==> flow/design.v <==
module mul_unit_rtl #(
   parameter BITS = 20
) (
   input wire CLK,
   input wire ce,
   input wire [BITS-1:0] x,
   input wire [BITS-1:0] y,
   output wire [2*BITS-1:0] p
);
   reg [BITS-1:0] r_x;
   reg [BITS-1:0] r_y;
   always @(posedge CLK) begin
      if (ce) begin
         r_x <= x;
         r_y <= y;
      end
   end
   wire [BITS:0] node [0:BITS];
   wire [BITS-1:0] lo;
   assign node[0] = 0;
   genvar i;
   generate
      for (i = 0; i < BITS; i = i + 1) begin : stage
         add_row #(.N(BITS)) inst (.a(r_x), .sel(r_y[i]), .pin(node[i][BITS:1]), .pout(node[i+1]));
         assign lo[i] = node[i+1][0];
      end
   endgenerate
   reg [2*BITS-1:0] r_p;
   always @(posedge CLK) begin
      if (ce) begin
         r_p <= {node[BITS][BITS:1], lo};
      end
   end
   assign p = r_p;
endmodule
module add_row #(parameter N = 4) (
   input wire [N-1:0] a,
   input wire sel,
   input wire [N-1:0] pin,
   output wire [N:0] pout
);
   assign pout = pin + (a & {N{sel}});
endmodule
* Reports on mul_unit_rtl *
Tool output for the design above, in the order of the flow.
Line numbers count from 1 in the design file above.
Cell names lack the library's common part.
A cell with n/a has no value.

inputs
  design top = mul_unit_rtl
  clock = CLK
  cell library = sky130hd
  timing corner = tt_025C_1v80

* Elaborated design *
Counts by Yosys on the flattened word-level netlist (proc, flatten, opt, wreduce; memories kept). Register bits leave out memories and registers merged into their read ports (data or address); mux counts leave out enables and synchronous resets folded into registers. Print and check cells are left out. Cells with the same type and inputs are merged into one.

cells by class
  add/subtract/negate cells = 19
  bitwise logic cells = 20

operators with widths
  cell                     count
  AND 20 bit               20
  adder 20 x 21 -> 21 bit  18
  adder 19 x 21 -> 21 bit  1

word-level totals
  input bits = 42
  register bits = 80
  elaborated cells = 42
  output and inout bits = 40

* Longest topological paths *
Depth = most cells in a row (Yosys ltp): at word level without a register or memory, in the mapped netlist without a sequential cell, where the memories' decode and read muxes count.

depth
  depth after elaboration = 20
  ABC_AREA = 0
  depth in mapped cells = 117
  gate-level depth less buffers = 114

* Synthesis result *
The flow's flattened synthesis, as Yosys stat reports it; memories are mapped. The netlist is that of the ABC_AREA named above (0 if unset); the other value can give another one.
Totals and module areas in this step are rounded.

mapped netlist
  flip-flop cells = 80
  cells in the netlist = 2865
  sequential area = 2400 um^2
  buffers = 93
  cell area after synthesis = 22000 um^2

cells by type
  cell type  count  area in all (um^2)
  ha_1       379    4.74E+03
  and2_1     388    2.43E+03
  edfxtp_1   80     2.4E+03
  xnor2_1    225    1970.64
  a21oi_1    267    1.34E+03
  a21o_1     149    1.12E+03
  xor2_1     77     674.397
  nor2_1     168    630.605
  inv_1      151    566.794
  nand2_1    148    555.533
  fa_1       19     380.365
  o21a_1     49     367.853
  o21ai_0    72     360.346
  o21bai_1   47     352.838
  clkbuf_1   92     345.331
  o21ai_1    66     330.317
  nor2b_1    46     287.776
  nand2b_1   38     237.728

Not listed: further types 56, cells in them 404.
By module: a second synthesis without flattening, with its own total; a netlist apart from the flattened one above.

second synthesis, totals
  cells (unflattened synthesis) = 3821
  area (unflattened synthesis) = 28000 um^2

Each row is one instance without its submodules.

modules
  module           cells  area (um^2)  instances  sequential area (um^2)
  add_row #(N=20)  187    1280         20         0.0
  mul_unit_rtl     81     2410         1          2400

* Timing after synthesis *
Source: OpenSTA report_checks on the synthesized netlist (no wires, ideal clock, input and output delay 20% of the period each), path of least setup slack; recovery checks are left aside. Register names are those of the netlist, which keeps one name where synthesis merged equal registers.

timing path after synthesis
  path type = register to register
  from = reg r_x[1]
  to = reg r_p[39]
  launch time at the first pin = 0.000 ns
  data required time = 25.037 ns
  arrival time = 19.945 ns
  setup time = 0.263 ns
  path delay = 20.208 ns
  driving pins on the path = 111
  period = 25.3 ns
  setup slack = 5.093 ns
  buffers on the path = 1
  synthesis period reached = 20.207 ns

"path delay" = arrival - input delay + setup time.
"driving pins on the path" counts driving pins, that of a launching flip-flop among them; a cell with two outputs on the path counts twice.
"synthesis period reached" is the clock period less the worst setup slack; recovery checks do not enter. This is arithmetic on one report: input and output delays are still those of the set period (20% each).
The rows between start and end are the longest chain of elaborated cells between them; the timing report does not say that the signal goes this way. Where chains are equally long, one stands for them.
Each line given opens the expression or statement behind the cell; cells for indexed reads and writes are added by Yosys, which also makes memories of some case tables.

between the ends, after synthesis
  cell sequence = edfxtp_1 -> clkbuf_1 -> and2_1 -> ha_1 -> inv_1 -> fa_1 -> nor2b_1 -> o21a_1 -> o21ai_1 -> nand2b_1 -> a21oi_1 -> xnor2_1 -> ha_1 -> o21ai_0 -> inv_1 -> a21oi_1 -> o21ba_2 -> o21ai_0 -> (+75 left out) -> ha_1 -> a21o_1 -> nor3_1 -> a41oi_1 -> nor2_1 -> xnor2_1 -> ha_1 -> and3_1 -> o21ai_0 -> nand3b_1 -> a31oi_1 -> a21oi_1 -> xor2_1 -> ha_1 -> a21oi_1 -> o211ai_1 -> a31oi_1 -> o21ai_1
  length of the longest elaborated chain = 20
  elaborated cells between the ends (all ways) = 39
  source lines of those cells = 1
  classes of those cells = add/sub (19); logic (20)

RTL lines, path after synthesis
  item                                   RTL line  RTL
  start, declared                        10        reg [BITS-1:0] r_x;
  start, assigned                        14        r_x <= x;
  AND 20 bit                             42        assign pout = pin + (a & {N{sel}});
  adder 19 x 21 -> 21 bit                42
  adder 20 x 21 -> 21 bit (18 in a row)  42
  end, assigned                          31        r_p <= {node[BITS][BITS:1], lo};
  end, declared                          28        reg [2*BITS-1:0] r_p;

* Timing after layout *
Path of least setup slack in the final report of flow run B (OpenROAD, finished layout, wires in). Where an end is a register, its clock arrival counts in the times.

timing path post-layout
  path type = register to register
  from = reg r_x[2]
  to = reg r_p[39]
  driving pins on the path = 108
  arrival time = 23.43 ns
  setup time = 0.26 ns
  period = 25.3 ns
  launch time at the first pin = 0.40 ns
  data required time = 25.42 ns
  setup slack = 1.99 ns
  buffers on the path = 0

The rows between start and end are the longest chain of elaborated cells between them; the timing report does not say that the signal goes this way. Where chains are equally long, one stands for them.

between the ends, post-layout
  cell sequence = edfxtp_1 -> nand2_1 -> inv_1 -> ha_1 -> a21o_1 -> a21oi_1 -> o21bai_1 -> a21o_1 -> a21o_1 -> a21oi_1 -> xnor2_1 -> ha_1 -> o21a_1 -> nor2_1 -> a31oi_1 -> a21oi_1 -> xnor2_1 -> ha_1 -> (+72 left out) -> ha_1 -> a21o_1 -> nor3_1 -> a41oi_1 -> nor2_1 -> xnor2_1 -> ha_1 -> and3_1 -> o21ai_0 -> nand3b_1 -> a31oi_1 -> a21oi_1 -> xor2_1 -> ha_1 -> a21oi_1 -> o211ai_1 -> a31oi_1 -> o21ai_1
  length of the longest elaborated chain = 20
  elaborated cells between the ends (all ways) = 39
  source lines of those cells = 1
  classes of those cells = add/sub (19); logic (20)

RTL lines, path post-layout
  item                                   RTL line  RTL
  start, declared                        10        reg [BITS-1:0] r_x;
  start, assigned                        14        r_x <= x;
  AND 20 bit                             42        assign pout = pin + (a & {N{sel}});
  adder 19 x 21 -> 21 bit                42
  adder 20 x 21 -> 21 bit (18 in a row)  42
  end, assigned                          31        r_p <= {node[BITS][BITS:1], lo};
  end, declared                          28        reg [2*BITS-1:0] r_p;

Subject: flow runs of mul_unit_rtl

Hi,

Flow measurements of mul_unit_rtl on sky130hd: 2 stored runs with different settings, listed in no order. Input and output delays are each 20% of the period that was set; the output load is 0.01 pF.
By "period achieved" is meant the clock period of the run minus its worst setup slack. This is arithmetic on one report: input and output delays are still those of the set period (20% each).
"critical setup path time" is the time allowed to the run's worst setup path (the clock period less input and output delay, where it has them) less its slack. Clock arrival times count: a late capture clock shortens it, a late launch clock lengthens it.
The results are shown rounded.
A setting shown as - is not set for that run.
Among the results, - means that no value is shown for the run.

setting or result                        flow run A  flow run B
period_ns                                15.9        25.3
CORE_UTILIZATION                         67          40
SETUP_SLACK_MARGIN                       -0.93       -
PLACE_DENSITY_LB_ADDON                   0.14        -
CORE_ASPECT_RATIO                        0.5         -
CELL_PAD_IN_SITES_DETAIL_PLACEMENT       2           -
GPL_ROUTABILITY_DRIVEN                   0           -
CTS_CLUSTER_DIAMETER                     291         -
MIN_ROUTING_LAYER                        met2        -
MAX_ROUTING_LAYER                        met5        -
CAP_MARGIN                               20          20
CORE_MARGIN                              2           2
SLEW_MARGIN                              20          20
summed negative setup slack (ns)         -           0.000
critical setup path time (ns)            -           23.31
class of the worst setup path            -           register to register
post-synthesis cell area (um^2)          -           22000
period achieved (ns)                     -           23.308
overall die area (um^2)                  -           56800
worst slack on setup checks (ns)         -           1.99
standard-cell area after routing (um^2)  -           23700

Flow run A: stopped before the end: placement reported DPL-0033

Regards
